==> flow/design.v <==
module mult_top #(
    parameter int BITS = 24
) (
    input logic aclk,
    input logic adv,
    input logic signed [BITS-1:0] rs1,
    input logic signed [BITS-1:0] rs2,
    output logic signed [2*BITS-1:0] m
);
    logic signed [BITS-1:0] rs1_d1;
    logic signed [BITS-1:0] rs2_d1;
    assign m = rs1_d1 * rs2_d1;
    always_ff @(posedge aclk) begin
        if (adv) begin
            rs1_d1 <= rs1;
            rs2_d1 <= rs2;
        end
    end
endmodule
### From RTL to reports: mult_top

Tool output for the design above, in the order of the flow.
Line numbers count from 1 in the design file above.
Cell names lack the library's common part.
A cell with -- has no value.

| inputs | value |
|---|---|
| design top | mult_top |
| clock port | aclk |
| standard-cell library | sky130hd |
| timing corner | tt_025C_1v80 |

### Elaborated design

Counts by Yosys on the flattened word-level netlist (proc, flatten, opt, wreduce; memories kept). Register bits leave out memories and registers merged into their read ports (data or address); mux counts leave out enables and synchronous resets folded into registers. Print and check cells are left out. Cells with the same type and inputs are merged into one.

| storage and ports | value |
|---|---|
| register bits | 48 |
| cells after elaboration | 3 |

| operators by class | value |
|---|---|
| multiply operators | 1 |

Operators by type and width:

| operator | number |
|---|---|
| 24-bit by 24-bit multiplier with 48-bit output | 1 |

### Logic depth

Longest topological path by Yosys (ltp), each cell counted once; first at word level (registers and memories cut), then after technology mapping (sequential cells cut; the memories' decode and read muxes count).

| logic depth | value |
|---|---|
| depth in word-level cells | 1 |
| ABC_AREA | 0 |
| mapped depth | 25 |
| mapped depth without buffers | 24 |

### After synthesis

Source: synth_stat.txt of the flow (Yosys; design flattened, memories mapped). It holds for the ABC_AREA given above (unset counts as 0); a run with the other value may have another netlist.
Totals and module areas in this step are rounded.

| mapped netlist | value |
|---|---|
| flip-flop cells | 48 |
| area of sequential cells | 1400 um^2 |
| buffers | 100 |
| cell area after synthesis | 23000 um^2 |
| standard cells after synthesis | 2356 |

Cells by type:

| cell type | number | area in all (um^2) |
|---|---|---|
| fa_1 | 607 | 1.22E+04 |
| inv_1 | 598 | 2.24E+03 |
| and2_1 | 273 | 1.71E+03 |
| ha_1 | 134 | 1.68E+03 |
| edfxtp_1 | 48 | 1.44E+03 |
| nand2_1 | 305 | 1.14E+03 |
| clkbuf_1 | 98 | 367.853 |
| xnor2_1 | 40 | 350.336 |
| a21oi_1 | 42 | 210.202 |
| nor2_1 | 48 | 180.173 |
| a21o_1 | 21 | 157.651 |
| o21ai_0 | 20 | 100.096 |
| xor2_1 | 11 | 96.342 |
| nand2b_1 | 12 | 75.072 |
| nand4_1 | 9 | 56.304 |
| nor3_1 | 9 | 45.043 |
| o21bai_1 | 6 | 45.043 |
| a211oi_1 | 5 | 37.536 |

Other cell types: 33; their cells: 70.

### Timing after synthesis

Source: OpenSTA report_checks on the synthesized netlist (no wires, ideal clock, input and output delay 20% of the period each), path of least setup slack; recovery checks are left aside. Register names are those of the netlist, which keeps one name where synthesis merged equal registers.

| timing after synthesis | value |
|---|---|
| path type | flip-flop to output port |
| start point | register rs1_d1[23] |
| end point | output m[44] |
| stages | 23 |
| delay of the path | 7185 ps |
| data arrival time | 7185 ps |
| required time | 8960 ps |
| launch time at the first pin | 0 ps |
| path buffers | 2 |
| clock period | 11200 ps |
| external output delay | 2240 ps |
| slack | 1775 ps |
| synthesis period reached | 9425 ps |

"delay of the path" = arrival - input delay + setup time.
A path that ends at an output port has no setup time.
"stages" counts driving pins, that of a launching flip-flop among them; a cell with two outputs on the path counts twice.
"synthesis period reached" is the clock period less the worst setup slack; recovery checks do not enter. This is arithmetic on one report: input and output delays are still those of the set period (20% each).
Between the ends stands the longest chain of elaborated cells between them, by number of cells; it is not shown to be the way that was timed. Of several equally long chains one is given.
A line is the first line of the expression or statement that the cell stems from. Yosys adds cells for indexed reads and writes and turns some case tables into memories.

| between the ends, after synthesis | value |
|---|---|
| path through | edfxtp_1 > clkbuf_1 > nand2_1 > inv_1 > fa_1 > fa_1 > inv_1 > fa_1 > inv_1 > fa_1 > fa_1 > fa_1 > fa_1 > ha_1 > clkbuf_1 > a21o_1 > a21o_1 > a21o_1 > a21o_1 > or3_1 > o21a_1 > a2111oi_2 > nand4bb_1 |
| cells in the longest elaborated chain | 1 |
| elaborated cells between the ends (all ways) | 1 |
| source lines of those cells | 1 |

Ends and longest elaborated chain, after synthesis:

| item | line | text |
|---|---|---|
| start: declaration | 10 | `logic signed [BITS-1:0] rs1_d1;` |
| start: assignment | 15 | `rs1_d1 <= rs1;` |
| 24-bit by 24-bit multiplier with 48-bit output | 12 | `assign m = rs1_d1 * rs2_d1;` |
| end: declaration | 8 | `output logic signed [2*BITS-1:0] m` |

### Path in the finished layout

From the final timing report of run 1: the path of least setup slack in the routed layout; clock arrival at registers is part of the times.
The report prints the path's times to 10 ps; the period is as set.

| timing after layout | value |
|---|---|
| path type | flip-flop to output port |
| start point | register rs2_d1[11] |
| end point | output m[44] |
| slack | -1400 ps |
| required time | 6000 ps |
| stages | 27 |
| external output delay | 1500 ps |
| data arrival time | 7400 ps |
| launch time at the first pin | 290 ps |
| path buffers | 5 |
| clock period | 7500 ps |

Between the ends stands the longest chain of elaborated cells between them, by number of cells; it is not shown to be the way that was timed. Of several equally long chains one is given.

| between the ends, after layout | value |
|---|---|
| path through | edfxtp_1 > buf_6 > buf_4 > and2_1 > fa_2 > fa_1 > inv_1 > fa_1 > fa_1 > inv_2 > fa_1 > fa_1 > inv_1 > fa_1 > inv_1 > ha_4 > a21o_1 > or3_1 > a211o_1 > a21oi_2 > buf_4 > a21oi_4 > a2111o_1 > buf_12 > a2111oi_4 > nand4bb_1 > buf_2 |
| cells in the longest elaborated chain | 1 |
| elaborated cells between the ends (all ways) | 1 |
| source lines of those cells | 1 |

Ends and longest elaborated chain, after layout:

| item | line | text |
|---|---|---|
| start: declaration | 11 | `logic signed [BITS-1:0] rs2_d1;` |
| start: assignment | 16 | `rs2_d1 <= rs2;` |
| 24-bit by 24-bit multiplier with 48-bit output | 12 | `assign m = rs1_d1 * rs2_d1;` |
| end: declaration | 8 | `output logic signed [2*BITS-1:0] m` |

Appendix: measured runs

Settings and measured results of 3 stored flow runs for module mult_top (sky130hd), not sorted in any way. The constraints put input and output delay at 20% of the set period each and load the outputs with 0.01 pF.
"clock period achieved" = clock period - worst setup slack. The figure is calculated, with input and output delays left at 20% of the set period.
"time used up by the worst setup path" is the time allowed to the run's worst setup path (the clock period less input and output delay, where it has them) less its slack. Clock arrival times count: a late capture clock shortens it, a late launch clock lengthens it.
"time used up by the worst setup path" is known to 10 ps.
Results are given in rounded form.
A setting shown as . is not set for that run.

| item | run 1 | run 2 | run 3 |
|---|---|---|---|
| period_ns | 7.5 | 9.93 | 11.2 |
| CORE_UTILIZATION | 46 | 35 | 40 |
| PLACE_DENSITY_LB_ADDON | 0.09 | 0.28 | . |
| CORE_MARGIN | 4 | 7 | 2 |
| CELL_PAD_IN_SITES_GLOBAL_PLACEMENT | 1 | 0 | . |
| CELL_PAD_IN_SITES_DETAIL_PLACEMENT | 0 | . | . |
| TNS_END_PERCENT | 85 | 30 | . |
| ABC_AREA | 0 | . | . |
| GPL_TIMING_DRIVEN | 1 | 0 | . |
| CAP_MARGIN | 20 | 20 | 20 |
| SLEW_MARGIN | 20 | 15 | 20 |
| SETUP_SLACK_MARGIN | . | 1.95 | . |
| HOLD_SLACK_MARGIN | . | 0.2 | . |
| CTS_CLUSTER_SIZE | . | 44 | . |
| area of the die (um^2) | 53000 | 72000 | 59000 |
| worst setup slack after layout (ps) | -1400 | 330 | 540 |
| time used up by the worst setup path (ps) | 7400 | 7620 | 8420 |
| type of the worst setup path | flip-flop to output port | flip-flop to output port | flip-flop to output port |
| utilization after routing | 0.58 | 0.43 | 0.44 |
| sum of negative setup slack (ps) | -32000 | 0 | 0 |
| final worst hold slack (ps) | 1800 | 2200 | 2400 |
| clock period achieved (ps) | 8901 | 9601 | 10659 |
| standard-cell area after layout (um^2) | 28000 | 28000 | 25000 |
| post-synthesis cell area (um^2) | 23000 | 23000 | 23000 |
